==> flow/design.v <==
module mplex_top #(
   parameter BITS = 12,
   parameter NUM = 7,
   parameter LOGN = $clog2(NUM)
) (
   input i_clk,
   input RSTN,
   input [NUM*BITS-1:0] ch_i,
   input [LOGN-1:0] sel_i,
   output [BITS-1:0] y_o
);
   reg [NUM*BITS-1:0] ch_ff;
   reg [LOGN-1:0] sel_ff;
   always @(posedge i_clk) begin
      if (~RSTN) begin
         ch_ff <= 0;
         sel_ff <= 0;
      end else begin
         ch_ff <= ch_i;
         sel_ff <= sel_i;
      end
   end
   reg [BITS-1:0] tmp;
   integer idx;
   always @* begin
      tmp = 0;
      for (idx = 0; idx < NUM; idx = idx + 1)
         if (sel_ff == idx) tmp = ch_ff[idx*BITS +: BITS];
   end
   assign y_o = tmp;
endmodule
* Step by step through the tools: mplex_top
The steps from the RTL of mplex_top to its reports follow in flow order. Lines are those of the file above, counted from 1. Operators carry their Yosys type and port widths (W data, S select, Z words). Library cell names are shortened. A cell with - has no value.
Set-up: design top mplex_top, clock input i_clk, cell library sky130hd, timing corner tt_025C_1v80

* Word-level counts
Counts by Yosys on the flattened word-level netlist (proc, flatten, opt, wreduce; memories kept). Register bits leave out memories and registers merged into their read ports (data or address); mux counts leave out enables and synchronous resets folded into registers. Print and check cells are left out. Cells with the same type and inputs are merged into one.
Cells by class: equality and inequality tests 6, order comparisons 0, add/sub/neg operators 0, multiplexer cells 7, shift-type cells 0, reductions and logical operators 1, bitwise operators 0, multipliers 0, div/mod/pow operators 0
Operators by type and width (number):
- $mux W12 | 7
- $eq A3 B3 Y1 const B | 3
- $eq A3 B2 Y1 const B | 2
- $eq A3 B1 Y1 const B | 1
- $logic_not A3 Y1 | 1
Bit counts: bits in registers 87, word width x clocked read ports 0, latch bits 0, cells after elaboration 16, ROM bits 0, memories 0, output and inout bits 12, input port bits 89, RAM bits 0

* Depth
Longest topological path by Yosys (ltp), each cell counted once; first at word level (registers and memories cut), then after technology mapping (sequential cells cut; the memories' decode and read muxes count).
Logic depth: word-level depth 8, ABC_AREA 0, gate-level depth with buffers 6, mapped depth without buffers 4

* Netlist
Source: synth_stat.txt of the flow (Yosys; design flattened, memories mapped). It holds for the ABC_AREA given above (unset counts as 0); a run with the other value may have another netlist. Totals and module areas in this step are rounded.
Mapped netlist: flip-flop cells 87, buffers 23, chip area (Yosys) 0.00326 mm^2, sequential area 0.00174 mm^2, cells in the netlist 296
Cells by type:
- dfxtp_1 | number 87, area in all 1741.67 um^2
- and2_1 | number 87, area in all 544.272 um^2
- a221oi_2 | number 10, area in all 150.144 um^2
- mux2i_1 | number 12, area in all 120.115 um^2
- o2bb2ai_1 | number 11, area in all 96.342 um^2
- o32ai_1 | number 11, area in all 96.342 um^2
- mux2_2 | number 8, area in all 90.086 um^2
- nand2b_1 | number 12, area in all 75.072 um^2
- buf_6 | number 6, area in all 67.565 um^2
- a21oi_1 | number 12, area in all 60.058 um^2
- clkbuf_1 | number 12, area in all 45.043 um^2
- nor2_1 | number 12, area in all 45.043 um^2
- mux2_1 | number 3, area in all 33.782 um^2
- mux4_2 | number 1, area in all 22.522 um^2
- buf_2 | number 3, area in all 15.014 um^2
- buf_4 | number 2, area in all 15.014 um^2
- and3_4 | number 1, area in all 11.261 um^2
- and2b_4 | number 1, area in all 10.01 um^2
Other cell types: 4; their cells: 5.

* Worst setup path after synthesis
OpenSTA on the mapped netlist: ideal clock, no wires. The path of least setup slack (recovery checks aside). Input and output delay are each 20% of the period. Register names are those of the netlist, which keeps one name where synthesis merged equal registers.
Timing path after synthesis: kind register to output, from register sel_ff[1], to output y_o[5], delay of the path 1.155 ns, clock period 1.8 ns, external output delay 0.360 ns, driving pins on the path 6, arrival 1.155 ns, buffers on the path 2, time at the first pin 0.000 ns, data required time 1.440 ns, setup slack 0.285 ns, period reached after synthesis 1.515 ns
"delay of the path" is the arrival time less input delay plus setup time. A path that ends at an output port has no setup time. "driving pins on the path" counts driving pins, that of a launching flip-flop among them; a cell with two outputs on the path counts twice. "period reached after synthesis" is the clock period less the worst setup slack; recovery checks do not enter. This is arithmetic on one report: input and output delays are still those of the set period (20% each). Between the ends stands the longest chain of elaborated cells between them, by number of cells; it is not shown to be the way that was timed. Of several equally long chains one is given. Each line given opens the expression or statement behind the cell; cells for indexed reads and writes are added by Yosys, which also makes memories of some case tables.
On the way, after synthesis: cell sequence dfxtp_1 buf_6 buf_6 mux2_2 o32ai_1 nor2_1, length of the longest elaborated chain 8, elaborated cells on any way between the ends 14, source lines of those cells 1, those cells by class 6 x eq/ne; 7 x mux; 1 x reduce/logical
RTL lines, path after synthesis:
- start: declaration | line 13 | reg [LOGN-1:0] sel_ff;
- start: assignment | line 17 | sel_ff <= 0;
- start: assignment | line 20 | sel_ff <= sel_i;
- $logic_not A3 Y1 | line 28 | if (sel_ff == idx) tmp = ch_ff[idx*BITS +: BITS];
- $mux W12 (7 in a row) | line 28
- end: declaration | line 10 | output [BITS-1:0] y_o

* Timing after layout
From the final timing report of stored run 2: the path of least setup slack in the routed layout; clock arrival at registers is part of the times.
Timing path after layout: kind register to output, from register sel_ff[0], to output y_o[10], driving pins on the path 6, setup slack -0.97 ns, clock period 1.03 ns, data required time 0.82 ns, buffers on the path 2, time at the first pin 0.34 ns, external output delay 0.21 ns, arrival 1.79 ns
Between the ends stands the longest chain of elaborated cells between them, by number of cells; it is not shown to be the way that was timed. Of several equally long chains one is given.
On the way, after layout: cell sequence dfxtp_4 buf_12 mux4_2 nand2_1 o21ai_1 dlygate4sd2_1, length of the longest elaborated chain 8, elaborated cells on any way between the ends 14, source lines of those cells 1, those cells by class 6 x eq/ne; 7 x mux; 1 x reduce/logical
RTL lines, path after layout:
- start: declaration | line 13 | reg [LOGN-1:0] sel_ff;
- start: assignment | line 17 | sel_ff <= 0;
- start: assignment | line 20 | sel_ff <= sel_i;
- $logic_not A3 Y1 | line 28 | if (sel_ff == idx) tmp = ch_ff[idx*BITS +: BITS];
- $mux W12 (7 in a row) | line 28
- end: declaration | line 10 | output [BITS-1:0] y_o

FLOW RESULTS
============

Stored flow runs of mplex_top (3 of them; Yosys, OpenROAD, sky130hd). They differ in their settings and are not a sequence. Constraints: input delay and output delay 20% of the set period each, output load 0.01 pF.
"critical path time" means the part of the period allowed to the worst setup path (the constraints hold back 20% at inputs and 20% at outputs) less its slack; where the path has registers, the arrival times of their clocks count too.
By "power consumption" is meant OpenSTA's value without simulated activity: inputs other than the clock are taken to toggle once in ten clock periods, and the tool carries that through the logic.
Values from the reports are rounded here.

* Stored run 1 | settings: period_ns 1.22; CORE_UTILIZATION 70; SETUP_SLACK_MARGIN 0.25; PLACE_DENSITY_LB_ADDON 0.09; CORE_ASPECT_RATIO 1.97; CELL_PAD_IN_SITES_DETAIL_PLACEMENT 2; TNS_END_PERCENT 100; GPL_TIMING_DRIVEN 0; CTS_CLUSTER_DIAMETER 387; CAP_MARGIN 5; SLEW_MARGIN 20; CORE_MARGIN 2 | no results, placement failed with FLW-0024
* Stored run 2 | settings: period_ns 1.03; CORE_UTILIZATION 17; PLACE_DENSITY_LB_ADDON 0.05; CORE_ASPECT_RATIO 0.91; CAP_MARGIN 20; CORE_MARGIN 2; SLEW_MARGIN 20 | results: critical path time 1.79 ns; kind of the worst setup path register to output; post-route worst hold slack 0.373 ns; power consumption 8.56 mW; total negative slack on setup checks -10.9 ns; die area 0.0203 mm^2; setup slack of the critical path -0.970 ns; synthesis area 0.00326 mm^2; final design utilization 0.283
* Stored run 3 | settings: period_ns 1.8; CAP_MARGIN 20; CORE_MARGIN 2; CORE_UTILIZATION 40; SLEW_MARGIN 20 | results: critical path time 1.73 ns; kind of the worst setup path register to output; post-route worst hold slack 0.517 ns; power consumption 4.18 mW; total negative slack on setup checks -2.82 ns; die area 0.0089 mm^2; setup slack of the critical path -0.295 ns; synthesis area 0.00326 mm^2; final design utilization 0.637
